==> flow/design.v <==
module my_rf #(
    parameter NWORDS = 6,
    parameter DW = 24,
    parameter IDX_W = $clog2(NWORDS)
) (
    input  ck,
    input  i_rst_n,
    input  step,
    input  in_write,
    input  [IDX_W-1:0] in_wr_idx,
    input  [DW-1:0] in_wdata,
    input  [IDX_W-1:0] in_rsel,
    output [DW-1:0] out_rdata
);
    reg write_reg;
    reg [IDX_W-1:0] wr_idx_reg;
    reg [DW-1:0] wdata_reg;
    always @(posedge ck or negedge i_rst_n) begin
        if (!i_rst_n) begin
            write_reg <= 1'b0;
            wr_idx_reg <= 0;
            wdata_reg <= 0;
        end else if (step) begin
            write_reg <= in_write;
            wr_idx_reg <= in_wr_idx;
            wdata_reg <= in_wdata;
        end
    end
    reg [DW-1:0] regs [0:NWORDS-1];
    always @(posedge ck) begin
        if (step && write_reg)
            regs[wr_idx_reg] <= wdata_reg;
    end
    reg [IDX_W-1:0] rsel_reg;
    always @(posedge ck or negedge i_rst_n) begin
        if (!i_rst_n) begin
            rsel_reg <= 0;
        end else if (step) begin
            rsel_reg <= in_rsel;
        end
    end
    assign out_rdata = regs[rsel_reg];
endmodule
## Step by step through the tools: my_rf

The steps from the RTL of my_rf to its reports follow in flow order.
Line numbers count from 1 in the design file above.
Operators: Yosys type, input widths -> output width; for muxes data width and select width s.
Not given: n/a

- Top: my_rf
- Clock: ck
- Cell library: sky130hd
- Corner: tt_025C_1v80

## Word-level counts

Yosys after proc, flatten, opt, wreduce and memory -nomap, before mapping. Enables and synchronous resets that opt folds into registers are not counted as muxes. Memory bits, and registers merged into a memory's read port (data or address), are not among the register bits. Print and check cells are not counted. Equal cells are merged and count once.
Yosys's memory passes give these memory sizes; they may raise the number of words (mostly to a power of two), join words into wider ones and drop unused or constant bits.

- Muxes and demuxes: 3
- Reductions and logical operators: 1

Operators with widths:

| kind | count |
|---|---|
| $mux 24 | 1 |
| $mux 3 | 1 |
| $logic_and 1x1->1 | 1 |
| $mux 1 | 1 |

- Bits in writable memories: 144
- Memory cells: 1
- Input port bits: 34
- Word-level cells: 9
- Register bits: 31
- Output and inout port bits: 24

Memories:

| name | depth | width | read ports | wr ports | RTL line | source |
|---|---|---|---|---|---|---|
| regs | 6 | 24 | 1 | 1 | 29 | `reg [DW-1:0] regs [0:NWORDS-1];` |

## Longest topological paths

Depth = most cells in a row (Yosys ltp): at word level without a register or memory, in the mapped netlist without a sequential cell, where the memories' decode and read muxes count.

- Word-level depth: 2
- ABC_AREA: 1
- Mapped depth: 7
- Depth with buffers taken out: 5

## After synthesis

Yosys stat after the flow's synthesis: flattened, memories mapped to cells. It holds for the ABC_AREA given above (unset counts as 0); a run with the other value may have another netlist.
The area totals of this step are shown rounded.

- Chip area (Yosys): 6,890 µm²
- Buffers: 29
- Mapped flip-flops: 175
- Cell count: 524
- Area of sequential cells: 5,100 µm²

Cell types:

| type | count | area in all (µm²) |
|---|---|---|
| sky130_fd_sc_hd__edfxtp_1 | 144 | 4.32E+03 |
| sky130_fd_sc_hd__dfrtp_1 | 31 | 775.744 |
| sky130_fd_sc_hd__nand2_1 | 129 | 484.214 |
| sky130_fd_sc_hd__nand3_1 | 72 | 360.346 |
| sky130_fd_sc_hd__mux2_2 | 18 | 202.694 |
| sky130_fd_sc_hd__nor2_1 | 54 | 202.694 |
| sky130_fd_sc_hd__buf_6 | 11 | 123.869 |
| sky130_fd_sc_hd__mux2_4 | 7 | 105.101 |
| sky130_fd_sc_hd__o21ai_0 | 15 | 75.072 |
| sky130_fd_sc_hd__o21ai_1 | 15 | 75.072 |
| sky130_fd_sc_hd__buf_4 | 6 | 45.043 |
| sky130_fd_sc_hd__buf_2 | 8 | 40.038 |
| sky130_fd_sc_hd__nand2_2 | 3 | 18.768 |
| sky130_fd_sc_hd__buf_8 | 1 | 15.014 |
| sky130_fd_sc_hd__inv_1 | 4 | 15.014 |
| sky130_fd_sc_hd__inv_6 | 1 | 8.758 |
| sky130_fd_sc_hd__clkbuf_1 | 2 | 7.507 |
| sky130_fd_sc_hd__inv_2 | 2 | 7.507 |
| sky130_fd_sc_hd__buf_1 | 1 | 3.754 |

## Path before layout

OpenSTA on the mapped netlist: ideal clock, no wires. The path of least setup slack (recovery checks aside). Input and output delay are each 20% of the period. Register names are those of the netlist, which keeps one name where synthesis merged equal registers.

- Path type: in2reg
- From: in step
- To: mem regs[1][0]
- Delay of the path: 1,866 ps
- Launch time at the first pin: 880 ps
- Period: 4,400 ps
- Setup slack: 1,654 ps
- Buffers on the path: 2
- Arrival: 2,341 ps
- External input delay: 880 ps
- Library setup time: 405 ps
- Data required time: 3,995 ps
- Stages: 6
- Synthesis period reached: 2,746 ps

"delay of the path" is the arrival time less input delay plus setup time.
"stages" counts driving pins, that of a launching flip-flop among them; a cell with two outputs on the path counts twice.
"synthesis period reached" is the clock period less the worst setup slack; recovery checks do not enter. This is arithmetic on one report: input and output delays are still those of the set period (20% each).
Between the ends stands the longest chain of elaborated cells between them, by number of cells; it is not shown to be the way that was timed. Of several equally long chains one is given.
A line is the first line of the expression or statement that the cell stems from. Yosys adds cells for indexed reads and writes and turns some case tables into memories.
The path ends at the enable pin of a flip-flop; only ways to that pin are counted.

- Cell sequence: sky130_fd_sc_hd__buf_6 sky130_fd_sc_hd__buf_8 sky130_fd_sc_hd__nand2_2 sky130_fd_sc_hd__inv_2 sky130_fd_sc_hd__nand2_2 sky130_fd_sc_hd__nor2_1
- Cells in the longest elaborated chain: 2
- Elaborated cells between the ends (all ways): 3
- Source lines of those cells: 1
- Classes of those cells: mux: 2; reduce/logical: 1

Ends and longest elaborated chain, post-synthesis:

| element | RTL line | source |
|---|---|---|
| start: declaration | 8 | `input  step,` |
| $logic_and 1x1->1 | 31 | `if (step && write_reg)` |
| $mux 3 | 31 |  |
| end: declaration | 29 | `reg [DW-1:0] regs [0:NWORDS-1];` |

## Path in the finished layout

Path of least setup slack in the final report of flow run 1 (OpenROAD, finished layout, wires in). Where an end is a register, its clock arrival counts in the times.
The report prints the path's times to 10 ps; the period is as set.

- Path type: reg2out
- From: reg rsel_reg[0]
- To: out out_rdata[19]
- Buffers on the path: 2
- Data required time: 2,830 ps
- Launch time at the first pin: 430 ps
- Arrival: 2,190 ps
- Stages: 8
- Setup slack: 640 ps
- Period: 3,540 ps
- External output delay: 710 ps

Between the ends stands the longest chain of elaborated cells between them, by number of cells; it is not shown to be the way that was timed. Of several equally long chains one is given.
The chain passes a memory read, where the word-level depth is cut; so it can be longer than that depth.

- Cell sequence: sky130_fd_sc_hd__dfrtp_4 sky130_fd_sc_hd__buf_4 sky130_fd_sc_hd__clkinv_16 sky130_fd_sc_hd__nand2_1 sky130_fd_sc_hd__nand3_1 sky130_fd_sc_hd__nand3_1 sky130_fd_sc_hd__nand2_1 sky130_fd_sc_hd__clkdlybuf4s50_1
- Cells in the longest elaborated chain: 1
- Elaborated cells between the ends (all ways): 1
- Source lines of those cells: 1
- Classes of those cells: memory: 1

Ends and longest elaborated chain, after layout:

| element | RTL line | source |
|---|---|---|
| start: declaration | 34 | `reg [IDX_W-1:0] rsel_reg;` |
| start: assignment | 37 | `rsel_reg <= 0;` |
| start: assignment | 39 | `rsel_reg <= in_rsel;` |
| $mem_v2 6x24 | 29 | `reg [DW-1:0] regs [0:NWORDS-1];` |
| end: declaration | 13 | `output [DW-1:0] out_rdata` |

Measured results for my_rf: 3 stored runs of the Yosys and OpenROAD flow on sky130hd. The settings differ; the order carries no meaning. The constraints put input and output delay at 20% of the set period each and load the outputs with 0.01 pF.
"clock period reached" is the run's clock period less its worst setup slack. It is reckoned from that one timing run; input and output delays stay at 20% of the period that was set.
"time used up by the worst setup path": the worst setup path's part of the clock period (all of it between registers, 20% less for each end at a port) less its slack. A launch clock that arrives late makes it longer, a capture clock that arrives late makes it shorter.
"total power of the final layout": no workload was simulated; the value follows from the tool's default switching activity.
"time used up by the worst setup path" is known to 10 ps.
The results are shown rounded.

### Flow run 1

Settings: `period_ns=3.54`, `CORE_UTILIZATION=24`, `SETUP_SLACK_MARGIN=0.58`, `PLACE_DENSITY_LB_ADDON=0.14`, `CORE_ASPECT_RATIO=1.35`, `ABC_AREA=1`, `CTS_CLUSTER_SIZE=85`, `CTS_CLUSTER_DIAMETER=48`, `CAP_MARGIN=10`, `SLEW_MARGIN=0`, `MIN_ROUTING_LAYER=met1`, `MAX_ROUTING_LAYER=met5`, `CORE_MARGIN=2`

- Clock period reached: 2,900 ps
- Total negative slack: 0 ps
- Time used up by the worst setup path: 2,190 ps
- Class of the worst setup path: reg2out
- Post-synthesis cell area: 6,890 µm²
- Utilization of the finished layout: 0.301
- Total die area: 30,100 µm²
- Total power of the final layout: 4.82 mW
- Standard-cell area after routing: 8,570 µm²
- Setup slack of the worst path: 640 ps

### Flow run 2

Settings: `period_ns=3.72`, `CORE_UTILIZATION=49`, `SETUP_SLACK_MARGIN=0.57`, `CORE_ASPECT_RATIO=0.5`, `CELL_PAD_IN_SITES_GLOBAL_PLACEMENT=0`, `CELL_PAD_IN_SITES_DETAIL_PLACEMENT=1`, `ABC_AREA=1`, `GPL_ROUTABILITY_DRIVEN=0`, `CTS_CLUSTER_SIZE=54`, `CTS_CLUSTER_DIAMETER=263`, `CAP_MARGIN=35`, `MAX_ROUTING_LAYER=met4`, `CORE_MARGIN=2`, `SLEW_MARGIN=20`

- Clock period reached: 3,016 ps
- Total negative slack: 0 ps
- Time used up by the worst setup path: 2,270 ps
- Class of the worst setup path: reg2out
- Post-synthesis cell area: 6,890 µm²
- Utilization of the finished layout: 0.602
- Total die area: 15,100 µm²
- Total power of the final layout: 4.45 mW
- Standard-cell area after routing: 8,210 µm²
- Setup slack of the worst path: 704 ps

### Flow run 3

Settings: `period_ns=4.4`, `CAP_MARGIN=20`, `CORE_MARGIN=2`, `CORE_UTILIZATION=40`, `SLEW_MARGIN=20`

- Clock period reached: 3,716 ps
- Total negative slack: 0 ps
- Time used up by the worst setup path: 2,840 ps
- Class of the worst setup path: reg2out
- Post-synthesis cell area: 6,660 µm²
- Utilization of the finished layout: 0.497
- Total die area: 17,700 µm²
- Total power of the final layout: 3.82 mW
- Standard-cell area after routing: 8,150 µm²
- Setup slack of the worst path: 684 ps
